==> flow/design.v <==
module u_selector #(
  parameter int NBITS = 20,
  parameter int COUNT = 3,
  parameter int LG = $clog2(COUNT)
) (
  input logic clock,
  input logic RSTN,
  input logic step,
  input logic [COUNT*NBITS-1:0] src_i,
  input logic [LG-1:0] select_i,
  output logic [NBITS-1:0] o_o
);
  logic [COUNT*NBITS-1:0] val;
  assign val = src_i >> (select_i * NBITS);
  always_ff @(posedge clock or negedge RSTN) begin
    if (~RSTN) begin
      o_o <= 0;
    end else if (step) begin
      o_o <= val[NBITS-1:0];
    end
  end
endmodule
Tool chain data of u_selector --
A sweep over "COUNT": the same steps for each member of the family. The RTL above is that of COUNT = 3; lines are counted from 1 in the file of the member named. Cell names lack the library's common part. Not given: -
Inputs: top module u_selector, clock clock, standard-cell library sky130hd, library corner tt_025C_1v80

Members of the sweep --
Lines of each other member's file that are new or changed against the file above; lines that a member lacks are not shown.
New or changed lines:
- COUNT 5 | line 3 | parameter int COUNT = 5,
- COUNT 7 | line 3 | parameter int COUNT = 7,
- COUNT 8 | line 3 | parameter int COUNT = 8,

Word level --
Counts by Yosys on the flattened word-level netlist (proc, flatten, opt, wreduce; memories kept). Register bits leave out memories and registers merged into their read ports (data or address); mux counts leave out enables and synchronous resets folded into registers. Print and check cells are left out. Cells with the same type and inputs are merged into one.
Storage and ports:
- COUNT 3 | register bits 20, bits of input ports 65, elaborated cells 3
- COUNT 5 | register bits 20, bits of input ports 106, elaborated cells 3
- COUNT 7 | register bits 20, bits of input ports 146, elaborated cells 3
- COUNT 8 | register bits 20, bits of input ports 166, elaborated cells 3
Cells by class:
- COUNT 3 | multiply operators 1, shift operators 1
- COUNT 5 | multiply operators 1, shift operators 1
- COUNT 7 | multiply operators 1, shift operators 1
- COUNT 8 | multiply operators 1, shift operators 1
Operators with widths (kinds with counts):
- COUNT 3 | 1 x 60-bit by 7-bit right shift with 20-bit output; 1 x 2-bit by 3-bit multiplier with 5-bit output (second input constant)
- COUNT 5 | 1 x 100-bit by 8-bit right shift with 20-bit output; 1 x 3-bit by 3-bit multiplier with 6-bit output (second input constant)
- COUNT 7 | 1 x 140-bit by 8-bit right shift with 20-bit output; 1 x 3-bit by 3-bit multiplier with 6-bit output (second input constant)
- COUNT 8 | 1 x 160-bit by 8-bit right shift with 20-bit output; 1 x 3-bit by 3-bit multiplier with 6-bit output (second input constant)

Depth --
Depth = most cells in a row (Yosys ltp): at word level without a register or memory, in the mapped netlist without a sequential cell, where the memories' decode and read muxes count.
Depth:
- COUNT 3 | depth after elaboration 2, ABC_AREA 0, mapped depth 3, gate-level depth less buffers 2
- COUNT 5 | depth after elaboration 2, ABC_AREA 0, mapped depth 5, gate-level depth less buffers 3
- COUNT 7 | depth after elaboration 2, ABC_AREA 0, mapped depth 5, gate-level depth less buffers 3
- COUNT 8 | depth after elaboration 2, ABC_AREA 0, mapped depth 6, gate-level depth less buffers 3

Synthesis result --
Source: synth_stat.txt of the flow (Yosys; design flattened, memories mapped). It holds for the ABC_AREA given above (unset counts as 0); a run with the other value may have another netlist.
Cell types (types with counts):
- COUNT 3 | 20 x dfrtp_1; 20 x o221ai_2; 20 x mux2i_1; 20 x nand4b_1; 20 x inv_1; 8 x buf_2; 2 x buf_6; 2 x clkbuf_1; 1 x nand2b_1
- COUNT 5 | 20 x dfrtp_1; 40 x mux2i_1; 15 x a221o_2; 20 x o22ai_1; 6 x buf_6; 5 x a221o_1; 3 x buf_2; 4 x clkbuf_1; 1 x or3b_4; 1 x nand3b_1; 1 x nor3_1; 1 x inv_1; 1 x nand2_1
- COUNT 7 | 59 x mux2_2; 20 x dfrtp_1; 19 x a211oi_1; 20 x o22ai_1; 13 x a221oi_1; 7 x a221oi_2; 20 x nor2_1; 13 x clkbuf_1; 4 x buf_6; 2 x clkbuf_8; 1 x buf_8; 1 x mux2_4; 1 x a211oi_2; 2 x buf_2; 1 x nand2b_1; 1 x nor2b_1; 1 x or2_2; 1 x inv_1; 1 x nand2_1
- COUNT 8 | 60 x mux2i_1; 20 x dfrtp_1; 41 x nor2b_1; 20 x a41o_1; 20 x a211o_1; 20 x a22oi_1; 20 x nand3_1; 5 x buf_6; 3 x buf_8; 9 x clkbuf_1; 5 x buf_2; 3 x buf_4; 1 x nand2b_1; 1 x nor2_1
Mapped netlist:
- COUNT 3 | mapped area 0.0013275 mm², mapped cells 113, mapped flip-flops 20, buffers 12
- COUNT 5 | mapped area 0.0013738 mm², mapped cells 118, mapped flip-flops 20, buffers 13
- COUNT 7 | mapped area 0.0019268 mm², mapped cells 187, mapped flip-flops 20, buffers 22
- COUNT 8 | mapped area 0.0021758 mm², mapped cells 228, mapped flip-flops 20, buffers 25

Timing after synthesis --
Source: OpenSTA report_checks on the synthesized netlist (no wires, ideal clock, input and output delay 20% of the period each), path of least setup slack; recovery checks are left aside. Register names are those of the netlist, which keeps one name where synthesis merged equal registers.
Path post-synthesis:
- COUNT 3 | kind input-to-reg, from input port select_i[0], to register o_o[0], stages on the path 3, path slack 0.152 ns, delay of the path 0.603 ns, clock period 0.944 ns, period reached after synthesis 0.792 ns
- COUNT 5 | kind input-to-reg, from input port select_i[0], to register o_o[0], stages on the path 5, path slack 0.244 ns, delay of the path 0.988 ns, clock period 1.54 ns, period reached after synthesis 1.296 ns
- COUNT 7 | kind input-to-reg, from input port select_i[1], to register o_o[10], stages on the path 5, path slack 0.254 ns, delay of the path 1.002 ns, clock period 1.57 ns, period reached after synthesis 1.316 ns
- COUNT 8 | kind input-to-reg, from input port select_i[0], to register o_o[17], stages on the path 6, path slack 0.245 ns, delay of the path 0.987 ns, clock period 1.54 ns, period reached after synthesis 1.295 ns
"delay of the path" = arrival - input delay + setup time. "stages on the path": output pins that drive a net of the path, with the launching flip-flop's if there is one; two outputs of one cell count as two. "period reached after synthesis" = period - worst setup slack (recovery checks aside). The figure is calculated, with input and output delays left at 20% of the set period. Between the ends stands the longest chain of elaborated cells between them, by number of cells; it is not shown to be the way that was timed. Of several equally long chains one is given. Each line given opens the expression or statement behind the cell; cells for indexed reads and writes are added by Yosys, which also makes memories of some case tables.
On the way, post-synthesis, COUNT = 3: length of the longest elaborated chain 2
Ends and longest elaborated chain, post-synthesis, COUNT = 3:
- start, declared | line 10 | input logic [LG-1:0] select_i,
- 2-bit by 3-bit multiplier with 5-bit output | line 14 | assign val = src_i >> (select_i * NBITS);
- 60-bit by 7-bit right shift with 20-bit output | line 14
- end, assigned | line 17 | o_o <= 0;
- end, assigned | line 19 | o_o <= val[NBITS-1:0];
- end, declared | line 11 | output logic [NBITS-1:0] o_o
On the way, post-synthesis, COUNT = 8: length of the longest elaborated chain 2
Ends and longest elaborated chain, post-synthesis, COUNT = 8:
- start, declared | line 10 | input logic [LG-1:0] select_i,
- 3-bit by 3-bit multiplier with 6-bit output | line 14 | assign val = src_i >> (select_i * NBITS);
- 160-bit by 8-bit right shift with 20-bit output | line 14
- end, assigned | line 17 | o_o <= 0;
- end, assigned | line 19 | o_o <= val[NBITS-1:0];
- end, declared | line 11 | output logic [NBITS-1:0] o_o

Timing after layout --
From the final timing report of the run of each member: the path of least setup slack in the routed layout; clock arrival at registers is part of the times.
Path post-layout:
- COUNT 3 | kind reg-to-output, from register o_o[14], to output port o_o[14], path slack -0.10 ns, arrival time 0.86 ns, clock period 0.944 ns, stages on the path 2
- COUNT 5 | kind reg-to-output, from register o_o[3], to output port o_o[3], path slack 0.01 ns, arrival time 1.22 ns, clock period 1.54 ns, stages on the path 2
- COUNT 7 | kind input-to-reg, from input port select_i[0], to register o_o[15], path slack 0.01 ns, arrival time 1.69 ns, clock period 1.57 ns, stages on the path 6
- COUNT 8 | kind reg-to-output, from register o_o[10], to output port o_o[10], path slack 0.04 ns, arrival time 1.19 ns, clock period 1.54 ns, stages on the path 2

Measured runs --
Settings and results of one run of the flow (Yosys, OpenROAD) for each member follow. The constraints put input and output delay at 20% of the set period each and load the outputs with 0.01 pF.
Flow settings: CAP_MARGIN 20, CORE_MARGIN 2, CORE_UTILIZATION 40, SLEW_MARGIN 20
Settings that differ (period_ns):
- COUNT 3 | 0.944
- COUNT 5 | 1.54
- COUNT 7 | 1.57
- COUNT 8 | 1.54
Measured results:
- COUNT 3 | setup slack of the critical path -0.105 ns, standard-cell area after routing 0.0023135 mm², chip area after synthesis (Yosys) 0.0013275 mm², post-layout utilization 74.6%, period achieved 1.049 ns, total negative setup slack -1.737 ns, overall die area 0.0037958 mm²
- COUNT 5 | setup slack of the critical path 0.012 ns, standard-cell area after routing 0.0028177 mm², chip area after synthesis (Yosys) 0.0013738 mm², post-layout utilization 85.1%, period achieved 1.528 ns, total negative setup slack 0.000 ns, overall die area 0.0039194 mm²
- COUNT 7 | setup slack of the critical path 0.010 ns, standard-cell area after routing 0.0037886 mm², chip area after synthesis (Yosys) 0.0019268 mm², post-layout utilization 80.7%, period achieved 1.560 ns, total negative setup slack 0.000 ns, overall die area 0.0053883 mm²
- COUNT 8 | setup slack of the critical path 0.038 ns, standard-cell area after routing 0.0041853 mm², chip area after synthesis (Yosys) 0.0021758 mm², post-layout utilization 80.9%, period achieved 1.502 ns, total negative setup slack 0.000 ns, overall die area 0.0060458 mm²
"period achieved" is the run's clock period less its worst setup slack. It is reckoned from that one timing run; input and output delays stay at 20% of the period that was set.
